==> flow/design.v <==
module ex_mag_cmp #(
   parameter WD = 14
) (
   input  logic sys_clk,
   input  logic [WD-1:0] src1_in,
   input  logic [WD-1:0] src2_in,
   output logic above_out
);
   logic [WD-1:0] src1_q;
   logic [WD-1:0] src2_q;
   always_ff @(posedge sys_clk) begin
      src1_q <= src1_in;
      src2_q <= src2_in;
   end
   logic [WD:0] carry;
   assign carry[0] = 1'b0;
   for (genvar k = 0; k < WD; k++) begin : slice
      assign carry[k+1] = (src1_q[k] ^ src2_q[k]) ? src1_q[k] : carry[k];
   end
   logic above_q;
   always_ff @(posedge sys_clk) begin
      above_q <= carry[WD];
   end
   assign above_out = above_q;
endmodule
From RTL to reports: ex_mag_cmp
The steps from the RTL of ex_mag_cmp to its reports follow in flow order. Line numbers count from 1 in the design file above. Operators: Yosys type, input widths -> output width; for muxes data width and select width s. Cell names lack the library's common part. A cell with n/a has no value.

Design top: ex_mag_cmp. Clock: sys_clk. Cell library: sky130hd. Timing corner: tt_025C_1v80.

After elaboration
Yosys after proc, flatten, opt, wreduce and memory -nomap, before mapping. Enables and synchronous resets that opt folds into registers are not counted as muxes. Memory bits, and registers merged into a memory's read port (data or address), are not among the register bits. Print and check cells are not counted. Equal cells are merged and count once.

The figure for register bits after elaboration is 29. Under input port bits stands 29. The entry for output and inout port bits reads 1.

Under multiplexer cells stands 14. Under bitwise operators stands 14.

Operator list (number): $xor 1x1->1 (14); $mux 1 (14).

Logic depth
Depth = most cells in a row (Yosys ltp): at word level without a register or memory, in the mapped netlist without a sequential cell, where the memories' decode and read muxes count.

The entry for word-level depth reads 15. For ABC_AREA the number is 0. The figure for depth in mapped cells is 5. The figure for mapped depth without buffers is 5.

Netlist
Yosys stat after the flow's synthesis: flattened, memories mapped to cells. It holds for the ABC_AREA given above (unset counts as 0); a run with the other value may have another netlist. The area totals of this step are shown rounded.

Under mapped cells stands 66. The entry for synthesis area reads 833.3 um^2. Under flip-flop cells stands 29. Under buffers stands 0.

Cells by type: dfxtp_1 (number 29, area in all 580.557 um^2); inv_1 (number 8, area in all 30.029 um^2); maj3_2 (number 2, area in all 22.522 um^2); maj3_1 (number 2, area in all 20.019 um^2); nor3b_4 (number 1, area in all 18.768 um^2); o22ai_1 (number 3, area in all 18.768 um^2); a221oi_2 (number 1, area in all 15.014 um^2); nor2b_4 (number 1, area in all 13.763 um^2); nand2b_1 (number 2, area in all 12.512 um^2); a221o_1 (number 1, area in all 10.01 um^2); a222oi_1 (number 1, area in all 10.01 um^2); a22o_1 (number 1, area in all 8.758 um^2); and2b_2 (number 1, area in all 8.758 um^2); o2111ai_1 (number 1, area in all 8.758 um^2); clkinv_1 (number 2, area in all 7.507 um^2); nand2_1 (number 2, area in all 7.507 um^2); a31oi_1 (number 1, area in all 6.256 um^2); nor2b_1 (number 1, area in all 6.256 um^2).

Other cell types: 6; their cells: 6.

Timing after synthesis
Source: OpenSTA report_checks on the synthesized netlist (no wires, ideal clock, input and output delay 20% of the period each), path of least setup slack; recovery checks are left aside. Register names are those of the netlist, which keeps one name where synthesis merged equal registers.

Path type: flip-flop to flip-flop. Start: register src2_q[5]. End: register above_q. Clock period: 1940 ps. The figure for setup time is 86 ps. The entry for time at the first pin reads 0 ps. Arrival: 1465 ps. For required time the number is 1854 ps. Slack: 388 ps. The entry for delay of the path reads 1551 ps. The figure for stages on the path is 6. For synthesis period reached the number is 1552 ps.

"delay of the path" = arrival - input delay + setup time. "stages on the path": output pins that drive a net of the path, with the launching flip-flop's if there is one; two outputs of one cell count as two. "synthesis period reached" = period - worst setup slack (recovery checks aside). The figure is calculated, with input and output delays left at 20% of the set period. The rows between start and end are the longest chain of elaborated cells between them; the timing report does not say that the signal goes this way. Where chains are equally long, one stands for them. Each line given opens the expression or statement behind the cell; cells for indexed reads and writes are added by Yosys, which also makes memories of some case tables.

Cells stage by stage: dfxtp_1 > nor2b_4 > maj3_2 > maj3_2 > a221o_1 > a221oi_2. Under length of the longest elaborated chain stands 10. The entry for elaborated cells between the ends (all ways) reads 10. Under RTL lines with such cells stands 1. Classes of those cells: mux: 9; logic: 1.

Ends and longest elaborated chain, after synthesis: start: declaration (line 10) `logic [WD-1:0] src2_q;`; start: assignment (line 13) `src2_q <= src2_in;`; $xor 1x1->1 (line 18) `assign carry[k+1] = (src1_q[k] ^ src2_q[k]) ? src1_q[k] : carry[k];`; $mux 1 x9 (line 18); end: assignment (line 22) `above_q <= carry[WD];`; end: declaration (line 20) `logic above_q;`.

Worst path after layout
From the final timing report of flow run A: the path of least setup slack in the routed layout; clock arrival at registers is part of the times. The report prints the path's times to 10 ps; the period is as set.

Path type: flip-flop to flip-flop. Start: register src2_q[3]. End: register above_q. Clock period: 2520 ps. The figure for setup time is 80 ps. The entry for time at the first pin reads 320 ps. Arrival: 1980 ps. For required time the number is 2760 ps. Slack: 790 ps. The figure for stages on the path is 6.

The rows between start and end are the longest chain of elaborated cells between them; the timing report does not say that the signal goes this way. Where chains are equally long, one stands for them.

Cells stage by stage: dfxtp_1 > nand2b_1 > maj3_1 > nor3b_4 > a221o_1 > a221oi_2. Under length of the longest elaborated chain stands 12. The entry for elaborated cells between the ends (all ways) reads 12. Under RTL lines with such cells stands 1. Classes of those cells: mux: 11; logic: 1.

Ends and longest elaborated chain, post-layout: start: declaration (line 10) `logic [WD-1:0] src2_q;`; start: assignment (line 13) `src2_q <= src2_in;`; $xor 1x1->1 (line 18) `assign carry[k+1] = (src1_q[k] ^ src2_q[k]) ? src1_q[k] : carry[k];`; $mux 1 x11 (line 18); end: assignment (line 22) `above_q <= carry[WD];`; end: declaration (line 20) `logic above_q;`.

Settings and measured results of 3 stored flow runs for module ex_mag_cmp (sky130hd), not sorted in any way. The constraints put input and output delay at 20% of the set period each and load the outputs with 0.01 pF. "period reached" = clock period - worst setup slack. The figure is calculated, with input and output delays left at 20% of the set period. "critical path time": the worst setup path's part of the clock period (all of it between registers, 20% less for each end at a port) less its slack. A launch clock that arrives late makes it longer, a capture clock that arrives late makes it shorter. "critical path time" is given in steps of 10 ps. Values from the reports are rounded here.

Flow run A has these settings: period_ns 2.52; CORE_UTILIZATION 49; SETUP_SLACK_MARGIN 0.01; PLACE_DENSITY 0.72; CORE_MARGIN 3; CELL_PAD_IN_SITES_DETAIL_PLACEMENT 1; GPL_TIMING_DRIVEN 0; CTS_CLUSTER_SIZE 95; CTS_CLUSTER_DIAMETER 181; CAP_MARGIN 20; SLEW_MARGIN 20. For the Yosys chip area after synthesis the run shows 833.3 um^2. The measured worst slack on setup checks is 789 ps. The worst hold slack after layout comes to 514 ps. The measured period reached is 1731 ps. The utilization in the final report stands at 0.788. The area inside the die boundary reads 2232 um^2. The measured critical path time is 1730 ps. Critical path type: flip-flop to flip-flop.

Flow run B has these settings: period_ns 1.94; CAP_MARGIN 20; CORE_MARGIN 2; CORE_UTILIZATION 40; SLEW_MARGIN 20. For the Yosys chip area after synthesis the run shows 833.3 um^2. The measured worst slack on setup checks is 335 ps. The worst hold slack after layout comes to 454 ps. The measured period reached is 1605 ps. The utilization in the final report stands at 0.627. The area inside the die boundary reads 2464 um^2. The measured critical path time is 1600 ps. Critical path type: flip-flop to flip-flop.

Flow run C has these settings: period_ns 2.73; CORE_UTILIZATION 62; SETUP_SLACK_MARGIN -0.22; PLACE_DENSITY_LB_ADDON 0.04; CORE_ASPECT_RATIO 1.66; CELL_PAD_IN_SITES_DETAIL_PLACEMENT 0; ABC_AREA 1; GPL_TIMING_DRIVEN 0; CTS_CLUSTER_DIAMETER 350; CAP_MARGIN 5; SLEW_MARGIN 30; CORE_MARGIN 2. Outcome: unfinished; error PDN-0185 in floorplanning.
